==> flow/design.v <==
module dp_mplex_v2 #(
    parameter XLEN = 48
) (
    input  clock,
    input  srst,
    input  [XLEN-1:0] ch_0_in,
    input  [XLEN-1:0] ch_1_in,
    input  [XLEN-1:0] ch_2_in,
    input  [XLEN-1:0] ch_3_in,
    input  [XLEN-1:0] ch_4_in,
    input  [XLEN-1:0] ch_5_in,
    input  [4:0] addr_in,
    output [XLEN-1:0] result_out
);
    reg [XLEN-1:0] ch_0_r;
    reg [XLEN-1:0] ch_1_r;
    reg [XLEN-1:0] ch_2_r;
    reg [XLEN-1:0] ch_3_r;
    reg [XLEN-1:0] ch_4_r;
    reg [XLEN-1:0] ch_5_r;
    reg [4:0] addr_r;
    reg [XLEN-1:0] work;
    always @(*) begin
        casez (addr_r)
            5'b????1: work = ch_0_r;
            5'b???10: work = ch_1_r;
            5'b??100: work = ch_2_r;
            5'b?1000: work = ch_3_r;
            5'b10000: work = ch_4_r;
            default: work = ch_5_r;
        endcase
    end
    assign result_out = work;
    always @(posedge clock) begin
        if (srst) begin
            ch_0_r <= 0;
            ch_1_r <= 0;
            ch_2_r <= 0;
            ch_3_r <= 0;
            ch_4_r <= 0;
            ch_5_r <= 0;
            addr_r <= 0;
        end else begin
            ch_0_r <= ch_0_in;
            ch_1_r <= ch_1_in;
            ch_2_r <= ch_2_in;
            ch_3_r <= ch_3_in;
            ch_4_r <= ch_4_in;
            ch_5_r <= ch_5_in;
            addr_r <= addr_in;
        end
    end
endmodule
## Tool chain data of dp_mplex_v2

The steps from the RTL of dp_mplex_v2 to its reports follow in flow order.
Lines are those of the file above, counted from 1.
A cell with n/a has no value.

| set-up | value |
|---|---|
| design top | dp_mplex_v2 |
| clock port | clock |
| library | sky130hd |
| timing corner | tt_025C_1v80 |

## Word level

Yosys after proc, flatten, opt, wreduce and memory -nomap, before mapping. Enables and synchronous resets that opt folds into registers are not counted as muxes. Memory bits, and registers merged into a memory's read port (data or address), are not among the register bits. Print and check cells are not counted. Equal cells are merged and count once.

| word-level totals | value |
|---|---|
| register bits | 293 |
| elaborated cells | 12 |
| output and inout bits | 48 |
| bits of input ports | 295 |

| operators by class | value |
|---|---|
| equality and inequality tests | 4 |
| muxes and demuxes | 1 |

Operators with widths:

| cell | number |
|---|---|
| 48-bit case mux with 5-bit select | 1 |
| 5-bit equality test with constant B | 1 |
| 4-bit equality test with constant B | 1 |
| 3-bit equality test with constant B | 1 |
| 2-bit equality test with constant B | 1 |

## Logic depth

Depth = most cells in a row (Yosys ltp): at word level without a register or memory, in the mapped netlist without a sequential cell, where the memories' decode and read muxes count.

| depth | value |
|---|---|
| word-level depth | 2 |
| ABC_AREA | 0 |
| depth in mapped cells | 6 |
| mapped depth without buffers | 3 |

## Synthesis result

Source: synth_stat.txt of the flow (Yosys; design flattened, memories mapped). It holds for the ABC_AREA given above (unset counts as 0); a run with the other value may have another netlist.
The area totals of this step are shown rounded.

Cells by type:

| cell type | number | total area (um^2) |
|---|---|---|
| sky130_fd_sc_hd__dfxtp_1 | 293 | 5.87E+03 |
| sky130_fd_sc_hd__nor2b_1 | 293 | 1.83E+03 |
| sky130_fd_sc_hd__a22o_1 | 48 | 420.403 |
| sky130_fd_sc_hd__a22oi_1 | 48 | 360.346 |
| sky130_fd_sc_hd__nand3b_1 | 48 | 360.346 |
| sky130_fd_sc_hd__a2bb2oi_1 | 38 | 332.819 |
| sky130_fd_sc_hd__nand2b_1 | 41 | 256.496 |
| sky130_fd_sc_hd__a21oi_1 | 48 | 240.23 |
| sky130_fd_sc_hd__clkbuf_1 | 54 | 202.694 |
| sky130_fd_sc_hd__inv_1 | 48 | 180.173 |
| sky130_fd_sc_hd__a2bb2oi_2 | 10 | 150.144 |
| sky130_fd_sc_hd__buf_2 | 16 | 80.077 |
| sky130_fd_sc_hd__or2b_1 | 8 | 60.058 |
| sky130_fd_sc_hd__buf_4 | 5 | 37.536 |
| sky130_fd_sc_hd__nor4b_4 | 1 | 23.773 |
| sky130_fd_sc_hd__nor4_4 | 1 | 21.27 |
| sky130_fd_sc_hd__buf_1 | 3 | 11.261 |
| sky130_fd_sc_hd__buf_6 | 1 | 11.261 |

| synthesis totals | value |
|---|---|
| sequential area | 0.00587 mm^2 |
| buffer cells | 79 |
| cell area after synthesis | 0.0104 mm^2 |
| mapped flip-flops | 293 |
| mapped cells | 1004 |

## Timing after synthesis

OpenSTA on the mapped netlist: ideal clock, no wires. The path of least setup slack (recovery checks aside). Input and output delay are each 20% of the period. Register names are those of the netlist, which keeps one name where synthesis merged equal registers.

| timing after synthesis | value |
|---|---|
| kind | reg-to-output |
| start point | register addr_r[1] |
| end point | output result_out[18] |
| arrival time | 1.401 ns |
| driving pins on the path | 7 |
| setup slack | 0.351 ns |
| external output delay | 0.438 ns |
| period | 2.19 ns |
| time at the first pin | 0.000 ns |
| path delay | 1.401 ns |
| synthesis period reached | 1.839 ns |

"path delay" is the arrival time less input delay plus setup time.
A path that ends at an output port has no setup time.
"driving pins on the path" counts driving pins, that of a launching flip-flop among them; a cell with two outputs on the path counts twice.
"synthesis period reached" is the clock period less the worst setup slack; recovery checks do not enter. This is arithmetic on one report: input and output delays are still those of the set period (20% each).
The rows between start and end are the longest chain of elaborated cells between them; the timing report does not say that the signal goes this way. Where chains are equally long, one stands for them.
Each line given opens the expression or statement behind the cell; cells for indexed reads and writes are added by Yosys, which also makes memories of some case tables.

| on the way, after synthesis | value |
|---|---|
| path through | sky130_fd_sc_hd__dfxtp_1 -> sky130_fd_sc_hd__buf_4 -> sky130_fd_sc_hd__nor4b_4 -> sky130_fd_sc_hd__buf_2 -> sky130_fd_sc_hd__buf_6 -> sky130_fd_sc_hd__a22oi_1 -> sky130_fd_sc_hd__a2bb2oi_1 |
| length of the longest elaborated chain | 2 |
| elaborated cells on any way between the ends | 5 |
| source lines of those cells | 1 |
| classes of those cells | eq/ne: 4; mux: 1 |

Ends and longest elaborated chain, after synthesis:

| element | line | text |
|---|---|---|
| from (decl) | 21 | `reg [4:0] addr_r;` |
| from (assign) | 42 | `addr_r <= 0;` |
| from (assign) | 50 | `addr_r <= addr_in;` |
| 5-bit equality test | 24 | `casez (addr_r)` |
| 48-bit case mux with 5-bit select | 24 |  |
| to (decl) | 13 | `output [XLEN-1:0] result_out` |

## Timing after layout

From the final timing report of job 2: the path of least setup slack in the routed layout; clock arrival at registers is part of the times.

| timing post-layout | value |
|---|---|
| kind | reg-to-output |
| start point | register addr_r[1] |
| end point | output result_out[30] |
| driving pins on the path | 8 |
| arrival time | 2.05 ns |
| period | 2.19 ns |
| setup slack | -0.30 ns |
| time at the first pin | 0.55 ns |
| external output delay | 0.44 ns |

The rows between start and end are the longest chain of elaborated cells between them; the timing report does not say that the signal goes this way. Where chains are equally long, one stands for them.

| on the way, post-layout | value |
|---|---|
| path through | sky130_fd_sc_hd__dfxtp_4 -> sky130_fd_sc_hd__nor4b_4 -> sky130_fd_sc_hd__buf_6 -> sky130_fd_sc_hd__buf_12 -> sky130_fd_sc_hd__clkbuf_16 -> sky130_fd_sc_hd__a22oi_1 -> sky130_fd_sc_hd__a2bb2oi_2 -> sky130_fd_sc_hd__buf_2 |
| length of the longest elaborated chain | 2 |
| elaborated cells on any way between the ends | 5 |
| source lines of those cells | 1 |
| classes of those cells | eq/ne: 4; mux: 1 |

Ends and longest elaborated chain, post-layout:

| element | line | text |
|---|---|---|
| from (decl) | 21 | `reg [4:0] addr_r;` |
| from (assign) | 42 | `addr_r <= 0;` |
| from (assign) | 50 | `addr_r <= addr_in;` |
| 5-bit equality test | 24 | `casez (addr_r)` |
| 48-bit case mux with 5-bit select | 24 |  |
| to (decl) | 13 | `output [XLEN-1:0] result_out` |

--- measured runs ---
Measured data: module dp_mplex_v2, platform sky130hd, 3 stored runs of the flow under differing settings, order arbitrary. Input and output delays are each 20% of the period that was set; the output load is 0.01 pF.
"achieved clock period" is the run's clock period less its worst setup slack. It is reckoned from that one timing run; input and output delays stay at 20% of the period that was set.
"critical path time" is the time allowed to the run's worst setup path (the clock period less input and output delay, where it has them) less its slack. Clock arrival times count: a late capture clock shortens it, a late launch clock lengthens it.
"power consumption" rests on the timing tool's default activity at the inputs, not on a simulated workload.
The results are shown rounded.
A setting shown as - is not set for that run.
Among the results, - means that no value is shown for the run.

| run name | period_ns | CORE_UTILIZATION | SETUP_SLACK_MARGIN | PLACE_DENSITY_LB_ADDON | CELL_PAD_IN_SITES_GLOBAL_PLACEMENT | ABC_AREA | GPL_TIMING_DRIVEN | GPL_ROUTABILITY_DRIVEN | CTS_CLUSTER_SIZE | CTS_CLUSTER_DIAMETER | MAX_ROUTING_LAYER | CAP_MARGIN | CORE_MARGIN | SLEW_MARGIN | CORE_ASPECT_RATIO | CELL_PAD_IN_SITES_DETAIL_PLACEMENT | TNS_END_PERCENT | MIN_ROUTING_LAYER | setup slack of the worst path (ns) | utilization after layout (%) | post-route setup TNS (ns) | power consumption (mW) | achieved clock period (ns) | synthesized cell area (mm^2) | final worst hold slack (ns) | critical path time (ns) | critical path type | die footprint (mm^2) | standard-cell area after routing (mm^2) |
|---|---|---|---|---|---|---|---|---|---|---|---|---|---|---|---|---|---|---|---|---|---|---|---|---|---|---|---|---|---|
| job 1 | 2.92 | 66 | 0.44 | 0.18 | 2 | 0 | 1 | 1 | 72 | 183 | met4 | 20 | 2 | 20 | - | - | - | - | - | - | - | - | - | - | - | - | - | - | - |
| job 2 | 2.19 | 40 | - | - | - | - | - | - | - | - | - | 20 | 2 | 20 | - | - | - | - | -0.297 | 60.8 | -12.7 | 12.8 | 2.487 | 0.0104 | 0.418 | 2.05 | reg-to-output | 0.0274 | 0.0157 |
| job 3 | 1.5 | 58 | - | 0.14 | - | - | 0 | - | - | 61 | - | 20 | 2 | 20 | 0.95 | 2 | 95 | met2 | - | - | - | - | - | - | - | - | - | - | - |

Job 1: did not finish, placement stopped with FLW-0024
Job 3: did not finish, placement stopped with a tool error
--- end ---
